==> flow/design.v <==
module core_muxn #(
  parameter DATA_WIDTH = 2
) (
  input  ck,
  input  resetn,
  input  step,
  input  [DATA_WIDTH-1:0] val_0,
  input  [DATA_WIDTH-1:0] val_1,
  input  [DATA_WIDTH-1:0] val_2,
  input  [DATA_WIDTH-1:0] val_3,
  input  [DATA_WIDTH-1:0] val_4,
  input  [DATA_WIDTH-1:0] val_5,
  input  [DATA_WIDTH-1:0] val_6,
  input  [DATA_WIDTH-1:0] val_7,
  input  [2:0] select,
  output reg [DATA_WIDTH-1:0] q
);
  reg [DATA_WIDTH-1:0] r_val_0;
  reg [DATA_WIDTH-1:0] r_val_1;
  reg [DATA_WIDTH-1:0] r_val_2;
  reg [DATA_WIDTH-1:0] r_val_3;
  reg [DATA_WIDTH-1:0] r_val_4;
  reg [DATA_WIDTH-1:0] r_val_5;
  reg [DATA_WIDTH-1:0] r_val_6;
  reg [DATA_WIDTH-1:0] r_val_7;
  reg [2:0] r_select;
  always @(posedge ck) begin
    if (!resetn) begin
      r_val_0 <= 0;
      r_val_1 <= 0;
      r_val_2 <= 0;
      r_val_3 <= 0;
      r_val_4 <= 0;
      r_val_5 <= 0;
      r_val_6 <= 0;
      r_val_7 <= 0;
      r_select <= 0;
    end else if (step) begin
      r_val_0 <= val_0;
      r_val_1 <= val_1;
      r_val_2 <= val_2;
      r_val_3 <= val_3;
      r_val_4 <= val_4;
      r_val_5 <= val_5;
      r_val_6 <= val_6;
      r_val_7 <= val_7;
      r_select <= select;
    end
  end
  reg [DATA_WIDTH-1:0] work;
  always @(*) begin
    if (r_select == 0) work = r_val_0;
    else if (r_select == 1) work = r_val_1;
    else if (r_select == 2) work = r_val_2;
    else if (r_select == 3) work = r_val_3;
    else if (r_select == 4) work = r_val_4;
    else if (r_select == 5) work = r_val_5;
    else if (r_select == 6) work = r_val_6;
    else work = r_val_7;
  end
  always @(posedge ck) begin
    if (!resetn) begin
      q <= 0;
    end else if (step) begin
      q <= work;
    end
  end
endmodule
* From RTL to reports: core_muxn
Tool output for the design above, in the order of the flow.
Line numbers count from 1 in the design file above.
Cell names lack the library's common part.
Not given: --
- Design top :: core_muxn
- Clock input :: ck
- Standard-cell library :: sky130hd
- Library corner :: tt_025C_1v80

* Word-level counts
Source: Yosys, flattened and elaborated, memories not mapped. Widths are those after wreduce; folded enables and synchronous resets count as part of the registers. Registers that Yosys merges into a memory's read port (data or address) are not register bits. Print and check cells do not count. Equal cells are merged and count once.
- Output and inout port bits :: 2
- Input bits :: 22
- Register bits after elaboration :: 21
- Multiplexer cells :: 7
- Reduce/logical cells :: 1
- Equality and inequality tests :: 6
** Operators with widths (count)
- two-way mux 2 bit :: 7
- equality test 3 bit with constant B :: 3
- equality test 3 x 2 -> 1 bit with constant B :: 2
- equality test 3 x 1 -> 1 bit with constant B :: 1
- logical NOT 3 bit :: 1

* Depth
Yosys ltp: most cells in a row. Word level: on the elaborated netlist, between registers, memories and ports. Mapped: between sequential cells and ports; inverters and the memories' decode and read muxes count.
- Depth in word-level cells :: 8
- ABC_AREA :: 0
- Gate-level depth with buffers :: 5
- Depth with buffers taken out :: 4

* After synthesis
Yosys stat after the flow's synthesis: flattened, memories mapped to cells. It holds for the ABC_AREA given above (unset counts as 0); a run with the other value may have another netlist.
- Cell count :: 97
- Flip-flop cells :: 21
- Chip area (Yosys) :: 1017.2 µm²
- Sequential part of the area :: 420.4 µm²
** Cells by type (count)
- dfxtp_1 :: 21
- mux2i_1 :: 23
- nor2b_1 :: 20
- buf_6 :: 2
- nand3b_1 :: 3
- a41oi_2 :: 1
- a21o_1 :: 2
- buf_2 :: 3
- nor3b_1 :: 2
- a211oi_2 :: 1
- nand2b_1 :: 2
- nor3b_2 :: 1
- nor4_1 :: 2
- o31ai_2 :: 1
- a31o_2 :: 1
- a211oi_1 :: 1
- buf_4 :: 1
- clkbuf_1 :: 2
Not listed: further types 7, cells in them 8.

* Path before layout
OpenSTA on the mapped netlist: ideal clock, no wires. The path of least setup slack (recovery checks aside). Input and output delay are each 20% of the period. Register names are those of the netlist, which keeps one name where synthesis merged equal registers.
- Kind :: reg-to-reg
- Start point :: register r_select[0]
- End point :: register q[1]
- Path buffers :: 0
- Path delay :: 1.181 ns
- Period :: 1.48 ns
- Path slack :: 0.299 ns
- Data arrival time :: 1.057 ns
- Data required time :: 1.356 ns
- Library setup time :: 0.124 ns
- Driving pins on the path :: 5
- Synthesis period reached :: 1.181 ns
"path delay" is the arrival time less input delay plus setup time.
"driving pins on the path" counts driving pins, that of a launching flip-flop among them; a cell with two outputs on the path counts twice.
"synthesis period reached" = period - worst setup slack (recovery checks aside). The figure is calculated, with input and output delays left at 20% of the set period.
Between the ends stands the longest chain of elaborated cells between them, by number of cells; it is not shown to be the way that was timed. Of several equally long chains one is given.
A line is the first line of the expression or statement that the cell stems from. Yosys adds cells for indexed reads and writes and turns some case tables into memories.
- Cells stage by stage :: dfxtp_1 -> inv_1 -> or3_1 -> a41oi_2 -> o31ai_2
- Length of the longest elaborated chain :: 8
- Elaborated cells on any way between the ends :: 14
** RTL lines, path post-synthesis
- from (decl) :: RTL line 26 : reg [2:0] r_select;
- from (assign) :: RTL line 37 : r_select <= 0;
- from (assign) :: RTL line 47 : r_select <= select;
- equality test 3 bit :: RTL line 58 : else if (r_select == 6) work = r_val_6;
- two-way mux 2 bit :: RTL line 58
- two-way mux 2 bit :: RTL line 57 : else if (r_select == 5) work = r_val_5;
- two-way mux 2 bit :: RTL line 56 : else if (r_select == 4) work = r_val_4;
- two-way mux 2 bit :: RTL line 55 : else if (r_select == 3) work = r_val_3;
- two-way mux 2 bit :: RTL line 54 : else if (r_select == 2) work = r_val_2;
- two-way mux 2 bit :: RTL line 53 : else if (r_select == 1) work = r_val_1;
- two-way mux 2 bit :: RTL line 52 : if (r_select == 0) work = r_val_0;
- to (assign) :: RTL line 63 : q <= 0;
- to (assign) :: RTL line 65 : q <= work;
- to (decl) :: RTL line 16 : output reg [DATA_WIDTH-1:0] q

* Timing after layout
Path of least setup slack in the final report of entry A (OpenROAD, finished layout, wires in). Where an end is a register, its clock arrival counts in the times.
- Kind :: reg-to-reg
- Start point :: register r_select[0]
- End point :: register q[0]
- Library setup time :: 0.07 ns
- Path buffers :: 1
- Period :: 1.26 ns
- Data arrival time :: 1.42 ns
- Data required time :: 1.48 ns
- Driving pins on the path :: 6
- Path slack :: 0.06 ns
Between the ends stands the longest chain of elaborated cells between them, by number of cells; it is not shown to be the way that was timed. Of several equally long chains one is given.
- Cells stage by stage :: dfxtp_2 -> buf_4 -> nor3b_2 -> a211oi_1 -> a31oi_1 -> o31ai_1
- Length of the longest elaborated chain :: 8
- Elaborated cells on any way between the ends :: 14
** RTL lines, path after layout
- from (decl) :: RTL line 26 : reg [2:0] r_select;
- from (assign) :: RTL line 37 : r_select <= 0;
- from (assign) :: RTL line 47 : r_select <= select;
- equality test 3 bit :: RTL line 58 : else if (r_select == 6) work = r_val_6;
- two-way mux 2 bit :: RTL line 58
- two-way mux 2 bit :: RTL line 57 : else if (r_select == 5) work = r_val_5;
- two-way mux 2 bit :: RTL line 56 : else if (r_select == 4) work = r_val_4;
- two-way mux 2 bit :: RTL line 55 : else if (r_select == 3) work = r_val_3;
- two-way mux 2 bit :: RTL line 54 : else if (r_select == 2) work = r_val_2;
- two-way mux 2 bit :: RTL line 53 : else if (r_select == 1) work = r_val_1;
- two-way mux 2 bit :: RTL line 52 : if (r_select == 0) work = r_val_0;
- to (assign) :: RTL line 63 : q <= 0;
- to (assign) :: RTL line 65 : q <= work;
- to (decl) :: RTL line 16 : output reg [DATA_WIDTH-1:0] q

Hand-over note for core_muxn

Measured results for core_muxn: 3 stored runs of the Yosys and OpenROAD flow on sky130hd. The settings differ; the order carries no meaning. The constraints put input and output delay at 20% of the set period each and load the outputs with 0.01 pF.
By "achieved clock period" is meant the clock period of the run minus its worst setup slack. This is arithmetic on one report: input and output delays are still those of the set period (20% each).
"critical path time": the worst setup path's part of the clock period (all of it between registers, 20% less for each end at a port) less its slack. A launch clock that arrives late makes it longer, a capture clock that arrives late makes it shorter.
By "total power after layout" is meant OpenSTA's value without simulated activity: inputs other than the clock are taken to toggle once in ten clock periods, and the tool carries that through the logic.

** Entry A
- Settings :: period_ns=1.26; CORE_UTILIZATION=45; SETUP_SLACK_MARGIN=0.0; PLACE_DENSITY=0.58; CORE_ASPECT_RATIO=1.02; CORE_MARGIN=5; TNS_END_PERCENT=60; CTS_CLUSTER_DIAMETER=117; MAX_ROUTING_LAYER=met4; CAP_MARGIN=20; SLEW_MARGIN=20
- Synthesized cell area :: 1,017.2 µm²
- Die outline area :: 3,311.5 µm²
- Utilization after layout :: 0.617
- Lowest setup slack :: 0.057 ns
- Post-route setup TNS :: 0.000 ns
- Total power after layout :: 1.307 mW
- Achieved clock period :: 1.203 ns
- Critical path time :: 1.20 ns
- Class of the worst setup path :: reg-to-reg

** Entry B
- Settings :: period_ns=1.48; CAP_MARGIN=20; CORE_MARGIN=2; CORE_UTILIZATION=40; SLEW_MARGIN=20
- Synthesized cell area :: 1,017.2 µm²
- Die outline area :: 2,962.6 µm²
- Utilization after layout :: 0.541
- Lowest setup slack :: 0.140 ns
- Post-route setup TNS :: 0.000 ns
- Total power after layout :: 1.118 mW
- Achieved clock period :: 1.340 ns
- Critical path time :: 1.34 ns
- Class of the worst setup path :: reg-to-reg

** Entry C
- Settings :: period_ns=1.63; CORE_UTILIZATION=16; SETUP_SLACK_MARGIN=0.44; CORE_MARGIN=8; CELL_PAD_IN_SITES_GLOBAL_PLACEMENT=0; CELL_PAD_IN_SITES_DETAIL_PLACEMENT=1; ABC_AREA=1; CTS_CLUSTER_DIAMETER=69; CAP_MARGIN=10; SLEW_MARGIN=5; MIN_ROUTING_LAYER=met1
- Synthesized cell area :: 937.1 µm²
- Die outline area :: 8,561.8 µm²
- Utilization after layout :: 0.244
- Lowest setup slack :: 0.338 ns
- Post-route setup TNS :: 0.000 ns
- Total power after layout :: 1.166 mW
- Achieved clock period :: 1.292 ns
- Critical path time :: 1.29 ns
- Class of the worst setup path :: reg-to-reg

End of note.
